==> flow/design.v <==
module reg_bank_n #(
    parameter integer NREGS = 40,
    parameter integer WD = 10,
    parameter integer AW = $clog2(NREGS)
) (
    input wire clk,
    input wire rst_ni,
    input wire en,
    input wire write_in,
    input wire [AW-1:0] wr_addr_in,
    input wire [WD-1:0] wr_data_in,
    input wire [AW-1:0] raddr1_in,
    input wire [AW-1:0] raddr2_in,
    output wire [WD-1:0] dout1_out,
    output wire [WD-1:0] dout2_out
);
    reg write_reg;
    always @(posedge clk) begin
        if (!rst_ni) begin
            write_reg <= 1'b0;
        end else if (en) begin
            write_reg <= write_in;
        end
    end
    reg [AW-1:0] wr_addr_reg;
    always @(posedge clk) begin
        if (!rst_ni) begin
            wr_addr_reg <= 0;
        end else if (en) begin
            wr_addr_reg <= wr_addr_in;
        end
    end
    reg [WD-1:0] wr_data_reg;
    always @(posedge clk) begin
        if (!rst_ni) begin
            wr_data_reg <= 0;
        end else if (en) begin
            wr_data_reg <= wr_data_in;
        end
    end
    reg [WD-1:0] gpr [NREGS-1:0];
    always @(posedge clk) begin
        if (en && write_reg)
            gpr[wr_addr_reg] <= wr_data_reg;
    end
    reg [AW-1:0] raddr1_reg;
    always @(posedge clk) begin
        if (!rst_ni) begin
            raddr1_reg <= 0;
        end else if (en) begin
            raddr1_reg <= raddr1_in;
        end
    end
    reg [AW-1:0] raddr2_reg;
    always @(posedge clk) begin
        if (!rst_ni) begin
            raddr2_reg <= 0;
        end else if (en) begin
            raddr2_reg <= raddr2_in;
        end
    end
    assign dout1_out = (write_reg && wr_addr_reg == raddr1_reg) ? wr_data_reg : gpr[raddr1_reg];
    assign dout2_out = (write_reg && wr_addr_reg == raddr2_reg) ? wr_data_reg : gpr[raddr2_reg];
endmodule
# Reports on reg_bank_n
# The steps from the RTL of reg_bank_n to its reports follow in flow order.
# Line numbers count from 1 in the design file above.
# Operators: Yosys type, input widths -> output width; for muxes data width and select width s.
# Cell names lack the library's common part.
# A cell with n/a has no value.
dict set report design {
  design {reg_bank_n}
  clock_port {clk}
  library {sky130hd}
  lib_corner {tt_025C_1v80}
}

# Elaborated design
# Counts by Yosys on the flattened word-level netlist (proc, flatten, opt, wreduce; memories kept). Print and check cells are left out. Cells with the same type and inputs are merged into one.
# Memory sizes are those after Yosys's memory passes, which may raise the word count (mostly to a power of two), join words into wider ones and drop unused or constant bits.
dict set report bits {
  elab_cells 20
  reg_bits 29
  memories 1
  rom_bits 0
  latch_bits 0
  ram_bits 400
  clocked_rd_ports_x_width 20
}
# name size width rd write_ports line_no
set memory_table {}
lappend memory_table {gpr 40 10 2 1 41} ;# reg [WD-1:0] gpr [NREGS-1:0];
dict set report op_classes {
  mux 9
  logic 0
  n_reduce_logical 3
  div_mod_pow 0
  eq_ne 2
  n_mul 0
  n_shift 0
  cmp 0
  n_addsub 0
}
# cell n
set ops {}
lappend ops {{$mux 10} 3}
lappend ops {{$mux 6} 5}
lappend ops {{$eq 6x6->1} 2}
lappend ops {{$logic_and 1x1->1} 3}
lappend ops {{$mux 1} 1}

# Longest topological paths
# Depth = most cells in a row (Yosys ltp): at word level without a register or memory, in the mapped netlist without a sequential cell, where the memories' decode and read muxes count.
dict set report depth {
  word_depth 3
  ABC_AREA 0
  ltp_mapped 8
  ltp_nobuf 5
}

# Netlist
# Yosys stat after the flow's synthesis: flattened, memories mapped to cells. It holds for the ABC_AREA given above (unset counts as 0); a run with the other value may have another netlist.
# The area totals of this step are shown rounded.
dict set report mapped {
  cells 1081
  buffers 78
  area_um2 20000
  seq_area_um2 13000
  ffs 441
}
# cell n area_total_um2
set types {}
lappend types {edfxtp_1 400 1.2E+04}
lappend types {mux4_2 200 4504.32}
lappend types {dfxtp_1 41 820.787}
lappend types {mux2i_1 42 420.403}
lappend types {nor2b_1 51 319.056}
lappend types {mux2_2 18 202.694}
lappend types {a221o_1 20 200.192}
lappend types {nor2_1 51 191.434}
lappend types {o22ai_1 28 175.168}
lappend types {nor4_1 21 131.376}
lappend types {a211oi_1 15 112.608}
lappend types {clkbuf_1 30 112.608}
lappend types {buf_2 22 110.106}
lappend types {a22oi_1 13 97.594}
lappend types {and3_1 14 87.584}
lappend types {buf_4 11 82.579}
lappend types {buf_6 7 78.826}
lappend types {xnor2_1 9 78.826}
# Other cell types: 19; their cells: 88.

# Path before layout
# Path of least setup slack by OpenSTA after synthesis, without wires, with an ideal clock, recovery checks aside; 20% of the period is set as input and as output delay. Where synthesis merged equal registers, the netlist keeps one of their names.
dict set report synth_timing {
  kind {input to register}
  start {in en}
  end {mem gpr[8][0]}
  t_first_pin_ns 0.628
  arrival_ns 2.231
  n_path_buf 1
  setup_ns 0.404
  slack_ns 0.505
  t_required_ns 2.736
  path_stages 5
  delay_ns 2.007
  period_ns 3.14
  synth_period_reached_ns 2.635
}
# "delay_ns" is the arrival time less input delay plus setup time.
# "path_stages": output pins that drive a net of the path, with the launching flip-flop's if there is one; two outputs of one cell count as two.
# "synth_period_reached_ns" = period - worst setup slack (recovery checks aside). The figure is calculated, with input and output delays left at 20% of the set period.
# Between the ends stands the longest chain of elaborated cells between them, by number of cells; it is not shown to be the way that was timed. Of several equally long chains one is given.
# A line is the first line of the expression or statement that the cell stems from. Yosys adds cells for indexed reads and writes and turns some case tables into memories.
# The path ends at the enable pin of a flip-flop; only ways to that pin are counted.
dict set report synth_between {
  cell_sequence {clkbuf_1 -> nand2_1 -> nor2_1 -> nand3b_1 -> nor4_1}
  elab_chain_cells 2
  cone_cells 3
  lines_between 1
}
# item line_no
set synth_lines {}
lappend synth_lines {{start: declaration} 8} ;# input wire en,
lappend synth_lines {{$logic_and 1x1->1} 43} ;# if (en && write_reg)
lappend synth_lines {{$mux 6} 43}
lappend synth_lines {{end: declaration} 41} ;# reg [WD-1:0] gpr [NREGS-1:0];

# Timing after layout
# Path of least setup slack in the final report of stored run 1 (OpenROAD, finished layout, wires in). Where an end is a register, its clock arrival counts in the times.
dict set report layout_timing {
  kind {register to output}
  start {reg (no name shown)}
  end {out dout1_out[3]}
  arrival_ns 2.87
  t_required_ns 2.51
  t_first_pin_ns 0.60
  path_stages 10
  slack_ns -0.35
  n_path_buf 4
  period_ns 3.14
}
dict set report layout_between {
  cell_sequence {dfxtp_4 -> buf_4 -> buf_16 -> mux4_2 -> mux2i_1 -> a22o_1 -> nor4_2 -> buf_4 -> a221o_1 -> buf_2}
}
# item line_no
set layout_lines {}
lappend layout_lines {{end: declaration} 14} ;# output wire [WD-1:0] dout1_out,
# Chain of elaborated cells between the ends: none given.

Memo
Re: implementation data of reg_bank_n

Design reg_bank_n on sky130hd. What follows are 3 stored runs of the flow, each under its own settings; their order means nothing. The constraints put input and output delay at 20% of the set period each and load the outputs with 0.01 pF.
"worst_path_ns": the worst setup path's part of the clock period (all of it between registers, 20% less for each end at a port) less its slack. A launch clock that arrives late makes it longer, a capture clock that arrives late makes it shorter.
The results are shown rounded.

[flow] stored run 1: files
==> flow/run.sh <==
#!/bin/bash
# the make line also repeats the synthesis and layout settings of config.mk as NAME=value (left out here)
make -C /OpenROAD-flow-scripts/flow DESIGN_CONFIG=/design/flow/config.mk WORK_HOME=/design/flow/orfs CLKGATE_MAP_FILE= finish
==> flow/config.mk <==
export PLATFORM = sky130hd
export DESIGN_NAME = reg_bank_n
export DESIGN_NICKNAME = reg_bank_n
export VERILOG_FILES = /design/flow/design.v
export SDC_FILE = /design/flow/constraint.sdc
export NUM_CORES = 4
export LEC_CHECK = 0
export CAP_MARGIN = 20
export CORE_MARGIN = 2
export CORE_UTILIZATION = 40
export SLEW_MARGIN = 20
==> flow/constraint.sdc <==
create_clock -name core_clock -period 3.14 [get_ports {clk}]
set_input_delay 0.6280 -clock core_clock [delete_from_list [all_inputs] [get_ports {clk}]]
set_output_delay 0.6280 -clock core_clock [all_outputs]
set_load 0.01 [all_outputs]

[flow] stored run 1: metrics
[metrics] post_synth_area_um2 = 20000
[metrics] dieArea_um2 = 52000
[metrics] final_stdcell_area_um2 = 26000
[metrics] fin_ws_ns = -0.35
[metrics] setupTns_ns = -5.6
[metrics] final_hold_ws_ns = 0.42
[metrics] worst_path_ns = 2.87
[metrics] critical_path_type = register to output

[flow] stored run 2: files
==> flow/run.sh <==
#!/bin/bash
# the make line also repeats the synthesis and layout settings of config.mk as NAME=value (left out here)
make -C /OpenROAD-flow-scripts/flow DESIGN_CONFIG=/design/flow/config.mk WORK_HOME=/design/flow/orfs CLKGATE_MAP_FILE= finish
==> flow/config.mk <==
export PLATFORM = sky130hd
export DESIGN_NAME = reg_bank_n
export DESIGN_NICKNAME = reg_bank_n
export VERILOG_FILES = /design/flow/design.v
export SDC_FILE = /design/flow/constraint.sdc
export NUM_CORES = 4
export LEC_CHECK = 0
export CAP_MARGIN = 20
export CORE_ASPECT_RATIO = 0.86
export CORE_MARGIN = 6
export CORE_UTILIZATION = 41
export CTS_CLUSTER_SIZE = 87
export GPL_TIMING_DRIVEN = 0
export MAX_ROUTING_LAYER = met5
export PLACE_DENSITY_LB_ADDON = 0.17
export SETUP_SLACK_MARGIN = 0.45
export SLEW_MARGIN = 15
==> flow/constraint.sdc <==
create_clock -name core_clock -period 1.69 [get_ports {clk}]
set_input_delay 0.3380 -clock core_clock [delete_from_list [all_inputs] [get_ports {clk}]]
set_output_delay 0.3380 -clock core_clock [all_outputs]
set_load 0.01 [all_outputs]

[flow] stored run 2: metrics
[metrics] post_synth_area_um2 = 20000
[metrics] dieArea_um2 = 55000
[metrics] final_stdcell_area_um2 = 28000
[metrics] fin_ws_ns = -1.6
[metrics] setupTns_ns = -43
[metrics] final_hold_ws_ns = 0.13
[metrics] worst_path_ns = 2.92
[metrics] critical_path_type = register to output

[flow] stored run 3: files
==> flow/run.sh <==
#!/bin/bash
# the make line also repeats the synthesis and layout settings of config.mk as NAME=value (left out here)
make -C /OpenROAD-flow-scripts/flow DESIGN_CONFIG=/design/flow/config.mk WORK_HOME=/design/flow/orfs CLKGATE_MAP_FILE= finish
==> flow/config.mk <==
export PLATFORM = sky130hd
export DESIGN_NAME = reg_bank_n
export DESIGN_NICKNAME = reg_bank_n
export VERILOG_FILES = /design/flow/design.v
export SDC_FILE = /design/flow/constraint.sdc
export NUM_CORES = 4
export LEC_CHECK = 0
export CAP_MARGIN = 20
export CORE_ASPECT_RATIO = 1.08
export CORE_MARGIN = 2
export CORE_UTILIZATION = 32
export CTS_CLUSTER_DIAMETER = 239
export GPL_TIMING_DRIVEN = 0
export MAX_ROUTING_LAYER = met5
export PLACE_DENSITY = 0.92
export SETUP_SLACK_MARGIN = -0.07
export SLEW_MARGIN = 10
export TNS_END_PERCENT = 30
==> flow/constraint.sdc <==
create_clock -name core_clock -period 2.08 [get_ports {clk}]
set_input_delay 0.4160 -clock core_clock [delete_from_list [all_inputs] [get_ports {clk}]]
set_output_delay 0.4160 -clock core_clock [all_outputs]
set_load 0.01 [all_outputs]

[flow] stored run 3: metrics
[metrics] post_synth_area_um2 = 20000
[metrics] dieArea_um2 = 65000
[metrics] final_stdcell_area_um2 = 26000
[metrics] fin_ws_ns = -1.4
[metrics] setupTns_ns = -31
[metrics] final_hold_ws_ns = 0.22
[metrics] worst_path_ns = 3.06
[metrics] critical_path_type = register to output
